==> flow/design.v <==
module gen_mult_p #(
  parameter integer BITS = 3
) (
  input  wire clock,
  input  wire srst,
  input  wire step,
  input  wire [BITS-1:0] in0_i,
  input  wire [BITS-1:0] in1_i,
  input  wire [2*BITS-1:0] in2_i,
  output reg [2*BITS:0] p_o
);
  always @(posedge clock) begin
    if (srst) begin
      p_o <= 0;
    end else if (step) begin
      p_o <= in0_i * in1_i + in2_i;
    end
  end
endmodule
### Step by step through the tools: gen_mult_p

Tool output for the design above, in the order of the flow.
Line numbers count from 1 in the design file above.
Library cell names are shortened.
A cell with - has no value.

* design top: gen_mult_p
* clock input: clock
* standard-cell library: sky130hd
* corner: tt_025C_1v80

### Elaborated design

Source: Yosys, flattened and elaborated, memories not mapped. Widths are those after wreduce; folded enables and synchronous resets count as part of the registers. Registers that Yosys merges into a memory's read port (data or address) are not register bits. Print and check cells do not count. Equal cells are merged and count once.

* register bits: 7
* bits in read-only memories: 0
* output and inout bits: 7
* clocked read ports x word width: 0
* latch bits: 0
* memory bits (writable): 0
* memories: 0

* eq/ne operators: 0
* $mul: 1
* add/sub/neg operators: 1
* multiplexer cells: 0
* bitwise gates (word level): 0
* divide/modulo/power cells: 0
* order comparisons: 0
* reductions and logical operators: 0
* shift operators: 0

Operators with widths (number)
* 3-bit by 3-bit multiplier with 6-bit output: 1
* 6-bit by 6-bit adder with 7-bit output: 1

### Logic depth

Depth = most cells in a row (Yosys ltp): at word level without a register or memory, in the mapped netlist without a sequential cell, where the memories' decode and read muxes count.

* word-level depth: 2
* ABC_AREA: 0
* depth in mapped cells: 9

### Mapped cells and area

Source: synth_stat.txt of the flow (Yosys; design flattened, memories mapped). It holds for the ABC_AREA given above (unset counts as 0); a run with the other value may have another netlist.

* flip-flop cells: 7
* standard cells after synthesis: 70
* synthesis area: 635.6 um2

Cell types
* dfxtp_1: number 7, area in all 140.134 um2
* ha_1: number 9, area in all 112.608 um2
* fa_1: number 5, area in all 100.096 um2
* inv_1: number 11, area in all 41.29 um2
* and2_1: number 5, area in all 31.28 um2
* mux2i_1: number 3, area in all 30.029 um2
* nand2_1: number 6, area in all 22.522 um2
* nor2_1: number 5, area in all 18.768 um2
* o311ai_1: number 2, area in all 17.517 um2
* a21o_1: number 2, area in all 15.014 um2
* a2111o_1: number 1, area in all 11.261 um2
* and3_4: number 1, area in all 11.261 um2
* o21ai_0: number 2, area in all 10.01 um2
* o221ai_1: number 1, area in all 8.758 um2
* xnor2_1: number 1, area in all 8.758 um2
* a211oi_1: number 1, area in all 7.507 um2
* nand3b_1: number 1, area in all 7.507 um2
* nor3b_1: number 1, area in all 7.507 um2

Not listed: further types 6, cells in them 6.

### Worst setup path after synthesis

Source: OpenSTA report_checks on the synthesized netlist (no wires, ideal clock, input and output delay 20% of the period each), path of least setup slack; recovery checks are left aside. Register names are those of the netlist, which keeps one name where synthesis merged equal registers.

* path kind: input -> register
* from: in in0_i[0]
* to: reg p_o[5]
* delay of the path: 2.321 ns
* setup time: 0.095 ns
* arrival time: 2.952 ns
* period: 3.63 ns
* stages: 8
* slack: 0.582 ns
* launch time at the first pin: 0.726 ns
* synthesis period reached: 3.048 ns

"delay of the path" is the arrival time less input delay plus setup time.
"stages": output pins that drive a net of the path, with the launching flip-flop's if there is one; two outputs of one cell count as two.
"synthesis period reached" is the clock period less the worst setup slack; recovery checks do not enter. This is arithmetic on one report: input and output delays are still those of the set period (20% each).
Between the ends stands the longest chain of elaborated cells between them, by number of cells; it is not shown to be the way that was timed. Of several equally long chains one is given.
Each line given opens the expression or statement behind the cell; cells for indexed reads and writes are added by Yosys, which also makes memories of some case tables.

* path through: nand2_1 -> fa_1 -> inv_1 -> fa_1 -> fa_1 -> a21o_1 -> a2111o_1 -> o311ai_1
* cells in the longest elaborated chain: 2
* elaborated cells on any way between the ends: 2
* source lines of those cells: 1

RTL lines, path post-synthesis
* start: declaration: line 7 `input  wire [BITS-1:0] in0_i,`
* 3-bit by 3-bit multiplier with 6-bit output: line 16 `p_o <= in0_i * in1_i + in2_i;`
* 6-bit by 6-bit adder with 7-bit output: line 16
* end: assignment: line 14 `p_o <= 0;`
* end: assignment: line 16
* end: declaration: line 10 `output reg [2*BITS:0] p_o`

### Path in the finished layout

Path of least setup slack in the final report of job 1 (OpenROAD, finished layout, wires in). Where an end is a register, its clock arrival counts in the times.

* path kind: input -> register
* from: in in0_i[0]
* to: reg p_o[5]
* setup time: 0.09 ns
* arrival time: 3.74 ns
* period: 3.97 ns
* slack: 0.37 ns
* launch time at the first pin: 0.79 ns
* stages: 9

Between the ends stands the longest chain of elaborated cells between them, by number of cells; it is not shown to be the way that was timed. Of several equally long chains one is given.

* path through: clkdlybuf4s50_1 -> nand2_1 -> fa_1 -> inv_1 -> fa_1 -> fa_1 -> a21o_1 -> a2111o_1 -> o311ai_1
* cells in the longest elaborated chain: 2
* elaborated cells on any way between the ends: 2
* source lines of those cells: 1

RTL lines, path post-layout
* start: declaration: line 7 `input  wire [BITS-1:0] in0_i,`
* 3-bit by 3-bit multiplier with 6-bit output: line 16 `p_o <= in0_i * in1_i + in2_i;`
* 6-bit by 6-bit adder with 7-bit output: line 16
* end: assignment: line 14 `p_o <= 0;`
* end: assignment: line 16
* end: declaration: line 10 `output reg [2*BITS:0] p_o`

--- measured runs ---
gen_mult_p through Yosys and OpenROAD on sky130hd: 3 stored runs, unordered, with their settings and measured results. The constraints put input and output delay at 20% of the set period each and load the outputs with 0.01 pF.
"period achieved" = clock period - worst setup slack. The figure is calculated, with input and output delays left at 20% of the set period.
"time used up by the worst setup path": the worst setup path's part of the clock period (all of it between registers, 20% less for each end at a port) less its slack. A launch clock that arrives late makes it longer, a capture clock that arrives late makes it shorter.
By "total power after layout" is meant OpenSTA's value without simulated activity: inputs other than the clock are taken to toggle once in ten clock periods, and the tool carries that through the logic.

### Job 1

==> flow/run.sh <==
#!/bin/bash
# the make line also repeats the synthesis and layout settings of config.mk as NAME=value (left out here)
make -C /OpenROAD-flow-scripts/flow DESIGN_CONFIG=/design/flow/config.mk WORK_HOME=/design/flow/orfs CLKGATE_MAP_FILE= finish
==> flow/config.mk <==
export PLATFORM = sky130hd
export DESIGN_NAME = gen_mult_p
export DESIGN_NICKNAME = gen_mult_p
export VERILOG_FILES = /design/flow/design.v
export SDC_FILE = /design/flow/constraint.sdc
export NUM_CORES = 4
export LEC_CHECK = 0
export CAP_MARGIN = 20
export CELL_PAD_IN_SITES_DETAIL_PLACEMENT = 0
export CORE_MARGIN = 2
export CORE_UTILIZATION = 63
export CTS_CLUSTER_DIAMETER = 38
export CTS_CLUSTER_SIZE = 38
export GPL_TIMING_DRIVEN = 0
export MIN_ROUTING_LAYER = met1
export PLACE_DENSITY = 0.46
export SLEW_MARGIN = 25
export TNS_END_PERCENT = 90
==> flow/constraint.sdc <==
create_clock -name core_clock -period 3.97 [get_ports {clock}]
set_input_delay 0.7940 -clock core_clock [delete_from_list [all_inputs] [get_ports {clock}]]
set_output_delay 0.7940 -clock core_clock [all_outputs]
set_load 0.01 [all_outputs]

Results of job 1:
- Post-synthesis cell area: 635.6 um2
- Die outline area: 1,279.1 um2
- Area of the standard cells in the finished layout: 872.1 um2
- Utilization of the finished layout: 0.932
- Lowest setup slack: 0.373 ns
- Setup total negative slack: 0.000 ns
- Worst-case hold slack: 0.548 ns
- Total power after layout: 262.6 µW
- Period achieved: 3.597 ns
- Time used up by the worst setup path: 2.80 ns
- Worst path kind: input -> register

### Job 2

==> flow/run.sh <==
#!/bin/bash
# the make line also repeats the synthesis and layout settings of config.mk as NAME=value (left out here)
make -C /OpenROAD-flow-scripts/flow DESIGN_CONFIG=/design/flow/config.mk WORK_HOME=/design/flow/orfs CLKGATE_MAP_FILE= finish
==> flow/config.mk <==
export PLATFORM = sky130hd
export DESIGN_NAME = gen_mult_p
export DESIGN_NICKNAME = gen_mult_p
export VERILOG_FILES = /design/flow/design.v
export SDC_FILE = /design/flow/constraint.sdc
export NUM_CORES = 4
export LEC_CHECK = 0
export ABC_AREA = 0
export CAP_MARGIN = 30
export CELL_PAD_IN_SITES_DETAIL_PLACEMENT = 2
export CELL_PAD_IN_SITES_GLOBAL_PLACEMENT = 0
export CORE_MARGIN = 2
export CORE_UTILIZATION = 59
export CTS_CLUSTER_DIAMETER = 346
export GPL_TIMING_DRIVEN = 0
export HOLD_SLACK_MARGIN = 0.25
export MAX_ROUTING_LAYER = met5
export MIN_ROUTING_LAYER = met2
export PLACE_DENSITY_LB_ADDON = 0.25
export SLEW_MARGIN = 20
export TNS_END_PERCENT = 65
==> flow/constraint.sdc <==
create_clock -name core_clock -period 3.09 [get_ports {clock}]
set_input_delay 0.6180 -clock core_clock [delete_from_list [all_inputs] [get_ports {clock}]]
set_output_delay 0.6180 -clock core_clock [all_outputs]
set_load 0.01 [all_outputs]

Outcome of job 2: unfinished; error DPL-0033 in placement

### Job 3

==> flow/run.sh <==
#!/bin/bash
# the make line also repeats the synthesis and layout settings of config.mk as NAME=value (left out here)
make -C /OpenROAD-flow-scripts/flow DESIGN_CONFIG=/design/flow/config.mk WORK_HOME=/design/flow/orfs CLKGATE_MAP_FILE= finish
==> flow/config.mk <==
export PLATFORM = sky130hd
export DESIGN_NAME = gen_mult_p
export DESIGN_NICKNAME = gen_mult_p
export VERILOG_FILES = /design/flow/design.v
export SDC_FILE = /design/flow/constraint.sdc
export NUM_CORES = 4
export LEC_CHECK = 0
export CAP_MARGIN = 20
export CORE_MARGIN = 2
export CORE_UTILIZATION = 40
export SLEW_MARGIN = 20
==> flow/constraint.sdc <==
create_clock -name core_clock -period 3.63 [get_ports {clock}]
set_input_delay 0.7260 -clock core_clock [delete_from_list [all_inputs] [get_ports {clock}]]
set_output_delay 0.7260 -clock core_clock [all_outputs]
set_load 0.01 [all_outputs]

Results of job 3:
- Post-synthesis cell area: 635.6 um2
- Die outline area: 1,923.7 um2
- Area of the standard cells in the finished layout: 890.9 um2
- Utilization of the finished layout: 0.591
- Lowest setup slack: 0.286 ns
- Setup total negative slack: 0.000 ns
- Worst-case hold slack: 0.483 ns
- Total power after layout: 284.2 µW
- Period achieved: 3.344 ns
- Time used up by the worst setup path: 2.62 ns
- Worst path kind: input -> register
--- end ---
